==> flow/design.v <==
module dp_mult_top #(
  parameter XLEN = 3,
  parameter GB = 8
) (
  input wire ck,
  input wire valid,
  input wire [XLEN-1:0] in_arg0,
  input wire [XLEN-1:0] in_arg1,
  input wire in_start,
  output wire [2*XLEN+GB-1:0] out_mul
);
  reg [XLEN-1:0] arg0_reg;
  reg [XLEN-1:0] arg1_reg;
  reg start_reg;
  reg [2*XLEN-1:0] nxt_reg;
  reg start_reg_d;
  reg [2*XLEN+GB-1:0] accum;
  always @(posedge ck) begin
    if (valid) begin
      arg0_reg <= in_arg0;
      arg1_reg <= in_arg1;
      start_reg <= in_start;
      nxt_reg <= arg0_reg * arg1_reg;
      start_reg_d <= start_reg;
      accum <= start_reg_d ? nxt_reg : accum + nxt_reg;
    end
  end
  assign out_mul = accum;
endmodule
Hand-over note for dp_mult_top

## From RTL to reports: dp_mult_top

Module dp_mult_top in several versions that differ in "XLEN"; each step lists the members.
The RTL above is that of XLEN = 3; lines are counted from 1 in the file of the member named.
Library cell names are shortened.
Not given: --

| inputs | value |
|---|---|
| design top | dp_mult_top |
| clock input | ck |
| cell library | sky130hd |
| timing corner | tt_025C_1v80 |

## Members of the sweep

New or changed lines of each further member against the RTL above, in its own file; lines it lacks are not shown.

Lines new or changed:

| XLEN | line | text |
|---|---|---|
| 6 | 2 | `parameter XLEN = 6,` |
| 12 | 2 | `parameter XLEN = 12,` |
| 14 | 2 | `parameter XLEN = 14,` |
| 24 | 2 | `parameter XLEN = 24,` |

## After elaboration

Source: Yosys, flattened and elaborated, memories not mapped. Widths are those after wreduce; folded enables and synchronous resets count as part of the registers. Registers that Yosys merges into a memory's read port (data or address) are not register bits. Print and check cells do not count. Equal cells are merged and count once.

Word-level totals:

| XLEN | bits in registers | bits of input ports | output and inout port bits |
|---|---|---|---|
| 3 | 28 | 9 | 14 |
| 6 | 46 | 15 | 20 |
| 12 | 82 | 27 | 32 |
| 14 | 94 | 31 | 36 |
| 24 | 154 | 51 | 56 |

Cells by class:

| XLEN | $add $sub $neg | multiply operators | multiplexer cells |
|---|---|---|---|
| 3 | 1 | 1 | 1 |
| 6 | 1 | 1 | 1 |
| 12 | 1 | 1 | 1 |
| 14 | 1 | 1 | 1 |
| 24 | 1 | 1 | 1 |

Operators by type and width:

| XLEN | kind and count |
|---|---|
| 3 | multiplier 3 x 3 -> 6 bit: 1; adder 14 x 6 -> 14 bit: 1; two-way mux 6 bit: 1 |
| 6 | multiplier 6 x 6 -> 12 bit: 1; adder 20 x 12 -> 20 bit: 1; two-way mux 12 bit: 1 |
| 12 | multiplier 12 x 12 -> 24 bit: 1; adder 32 x 24 -> 32 bit: 1; two-way mux 24 bit: 1 |
| 14 | multiplier 14 x 14 -> 28 bit: 1; adder 36 x 28 -> 36 bit: 1; two-way mux 28 bit: 1 |
| 24 | multiplier 24 x 24 -> 48 bit: 1; adder 56 x 48 -> 56 bit: 1; two-way mux 48 bit: 1 |

## Longest topological paths

Yosys ltp: most cells in a row. Word level: on the elaborated netlist, between registers, memories and ports. Mapped: between sequential cells and ports; inverters and the memories' decode and read muxes count.

Depth:

| XLEN | depth after elaboration | ABC_AREA | mapped depth | mapped depth without buffers |
|---|---|---|---|---|
| 3 | 2 | 0 | 7 | 7 |
| 6 | 2 | 0 | 13 | 13 |
| 12 | 2 | 0 | 20 | 19 |
| 14 | 2 | 0 | 22 | 21 |
| 24 | 2 | 0 | 27 | 25 |

## After synthesis

Source: synth_stat.txt of the flow (Yosys; design flattened, memories mapped). It holds for the ABC_AREA given above (unset counts as 0); a run with the other value may have another netlist.

Cell types:

| XLEN | type and count |
|---|---|
| 3 | edfxtp_1: 28; ha_1: 11; fa_1: 3; and2_1: 9; mux2_1: 5; inv_1: 12; nor2_1: 10; nor2b_1: 5; o2111ai_4: 1; xnor2_1: 3; nand3_1: 5; nand2_1: 6; o31ai_4: 1; a21oi_1: 4; o21ai_0: 4; a31o_1: 2; a21o_1: 2; nor3b_1: 2; [+23] |
| 6 | edfxtp_1: 46; ha_1: 32; fa_1: 18; and2_1: 28; nand2_1: 32; xnor2_1: 13; inv_1: 24; a21oi_1: 16; nor2_1: 19; xor2_1: 7; a21o_1: 7; o21ai_1: 9; o21ai_0: 7; nand2b_1: 5; o2111ai_4: 1; and3_1: 3; nor2b_1: 3; o21ai_2: 2; [+33] |
| 12 | edfxtp_1: 82; fa_1: 101; ha_1: 86; inv_1: 135; nand2_1: 125; and2_1: 64; xnor2_1: 26; a21oi_1: 36; a21o_1: 21; clkbuf_1: 37; xor2_1: 15; nor2_1: 33; o21ai_0: 23; o21ai_1: 16; o21a_1: 8; a31oi_1: 9; nand3_1: 10; a211oi_1: 6; [+86] |
| 14 | fa_1: 142; edfxtp_1: 94; ha_1: 120; inv_1: 180; and2_1: 98; nand2_1: 160; a21oi_1: 55; o21ai_0: 45; xnor2_1: 25; clkbuf_1: 46; a21o_1: 19; nor2_1: 37; xor2_1: 15; o21bai_1: 13; nand4_1: 14; o211ai_1: 9; and3_1: 10; nand3_1: 11; [+121] |
| 24 | fa_1: 483; edfxtp_1: 154; ha_1: 222; inv_1: 572; and2_1: 292; nand2_1: 407; a21oi_1: 102; xnor2_1: 58; clkbuf_1: 133; o21ai_0: 83; a21o_1: 46; xor2_1: 31; nor2_1: 46; nand3_1: 33; o21bai_1: 20; nand4_1: 18; o21ai_1: 17; and3_1: 11; [+134] |

A list marked [+n] leaves out that many cells.

Mapped netlist:

| XLEN | cell count | cell area after synthesis (um^2) | flip-flop cells |
|---|---|---|---|
| 3 | 136 | 1654.1 | 28 |
| 6 | 305 | 3353.2 | 46 |
| 12 | 919 | 8944.8 | 82 |
| 14 | 1214 | 11740.0 | 94 |
| 24 | 2862 | 26917.1 | 154 |

## Timing after synthesis

Source: OpenSTA report_checks on the synthesized netlist (no wires, ideal clock, input and output delay 20% of the period each), path of least setup slack; recovery checks are left aside. Register names are those of the netlist, which keeps one name where synthesis merged equal registers.

Timing post-synthesis:

| XLEN | path type | start | end | period (ns) | slack (ns) | driving pins on the path | path delay (ns) | synthesis period reached (ns) |
|---|---|---|---|---|---|---|---|---|
| 3 | register to register | register accum[0] | register accum[8] | 2.53 | 0.508 | 8 | 2.022 | 2.022 |
| 6 | register to register | register arg0_reg[3] | register nxt_reg[11] | 4.7 | 0.944 | 14 | 3.756 | 3.756 |
| 12 | register to register | register arg0_reg[3] | register nxt_reg[23] | 6.57 | 1.311 | 20 | 5.259 | 5.259 |
| 14 | register to register | register arg1_reg[2] | register nxt_reg[26] | 7.79 | 1.562 | 23 | 6.228 | 6.228 |
| 24 | register to register | register arg1_reg[3] | register nxt_reg[45] | 8.63 | 1.727 | 28 | 6.903 | 6.903 |

"path delay" is the arrival time less input delay plus setup time.
"driving pins on the path" counts driving pins, that of a launching flip-flop among them; a cell with two outputs on the path counts twice.
"synthesis period reached" is the clock period less the worst setup slack; recovery checks do not enter. This is arithmetic on one report: input and output delays are still those of the set period (20% each).
Between the ends stands the longest chain of elaborated cells between them, by number of cells; it is not shown to be the way that was timed. Of several equally long chains one is given.
Each line given opens the expression or statement behind the cell; cells for indexed reads and writes are added by Yosys, which also makes memories of some case tables.

| between the ends, post-synthesis, XLEN = 3 | value |
|---|---|
| cells in the longest elaborated chain | 1 |

RTL lines, path post-synthesis, XLEN = 3:

| item | line | text |
|---|---|---|
| from (decl) | 17 | `reg [2*XLEN+GB-1:0] accum;` |
| from (assign) | 25 | `accum <= start_reg_d ? nxt_reg : accum + nxt_reg;` |
| adder 14 x 6 -> 14 bit | 25 |  |
| to (assign) | 25 |  |
| to (decl) | 17 |  |

| between the ends, post-synthesis, XLEN = 24 | value |
|---|---|
| cells in the longest elaborated chain | 1 |

RTL lines, path post-synthesis, XLEN = 24:

| item | line | text |
|---|---|---|
| from (decl) | 13 | `reg [XLEN-1:0] arg1_reg;` |
| from (assign) | 21 | `arg1_reg <= in_arg1;` |
| multiplier 24 x 24 -> 48 bit | 23 | `nxt_reg <= arg0_reg * arg1_reg;` |
| to (assign) | 23 |  |
| to (decl) | 15 | `reg [2*XLEN-1:0] nxt_reg;` |

## Timing after layout

Path of least setup slack in the final report of each member's run (OpenROAD, finished layout, wires in). Where an end is a register, its clock arrival counts in the times.

Timing post-layout:

| XLEN | path type | start | end | period (ns) | slack (ns) | driving pins on the path | data arrival time (ns) | buffers on the path |
|---|---|---|---|---|---|---|---|---|
| 3 | register to register | register arg0_reg[0] | register nxt_reg[4] | 2.53 | 0.42 | 7 | 2.15 | 0 |
| 6 | register to register | register arg0_reg[3] | register nxt_reg[11] | 4.7 | 0.79 | 14 | 3.96 | 0 |
| 12 | register to register | register arg0_reg[3] | register nxt_reg[23] | 6.57 | 1.11 | 19 | 5.58 | 0 |
| 14 | register to register | register arg0_reg[7] | register nxt_reg[26] | 7.79 | 1.22 | 22 | 6.69 | 0 |
| 24 | register to register | register arg0_reg[9] | register nxt_reg[45] | 8.63 | 0.93 | 25 | 7.94 | 0 |

## Layout results

Settings and results of one run of the flow (Yosys, OpenROAD) for each member follow. The constraints put input and output delay at 20% of the set period each and load the outputs with 0.01 pF.

| settings | value |
|---|---|
| CAP_MARGIN | 20 |
| CORE_MARGIN | 2 |
| CORE_UTILIZATION | 40 |
| SLEW_MARGIN | 20 |

Settings by member:

| XLEN | period_ns |
|---|---|
| 3 | 2.53 |
| 6 | 4.7 |
| 12 | 6.57 |
| 14 | 7.79 |
| 24 | 8.63 |

Results:

| XLEN | mapped cell area after synthesis (um^2) | die size (um^2) | area of the standard cells in the finished layout (um^2) | final design utilization | lowest setup slack (ns) | total negative slack (ns) | post-route worst hold slack (ns) |
|---|---|---|---|---|---|---|---|
| 3 | 1654.1 | 4665.6 | 2003.2 | 0.501 | 0.416 | 0.000 | 0.454 |
| 6 | 3353.2 | 9131.7 | 3888.7 | 0.476 | 0.789 | 0.000 | 0.451 |
| 12 | 8944.8 | 23574.5 | 10022.1 | 0.458 | 1.108 | 0.000 | 0.429 |
| 14 | 11740.0 | 30737.1 | 12993.7 | 0.451 | 1.217 | 0.000 | 0.441 |
| 24 | 26917.1 | 69384.8 | 29584.6 | 0.442 | 0.929 | 0.000 | 0.423 |

End of note.
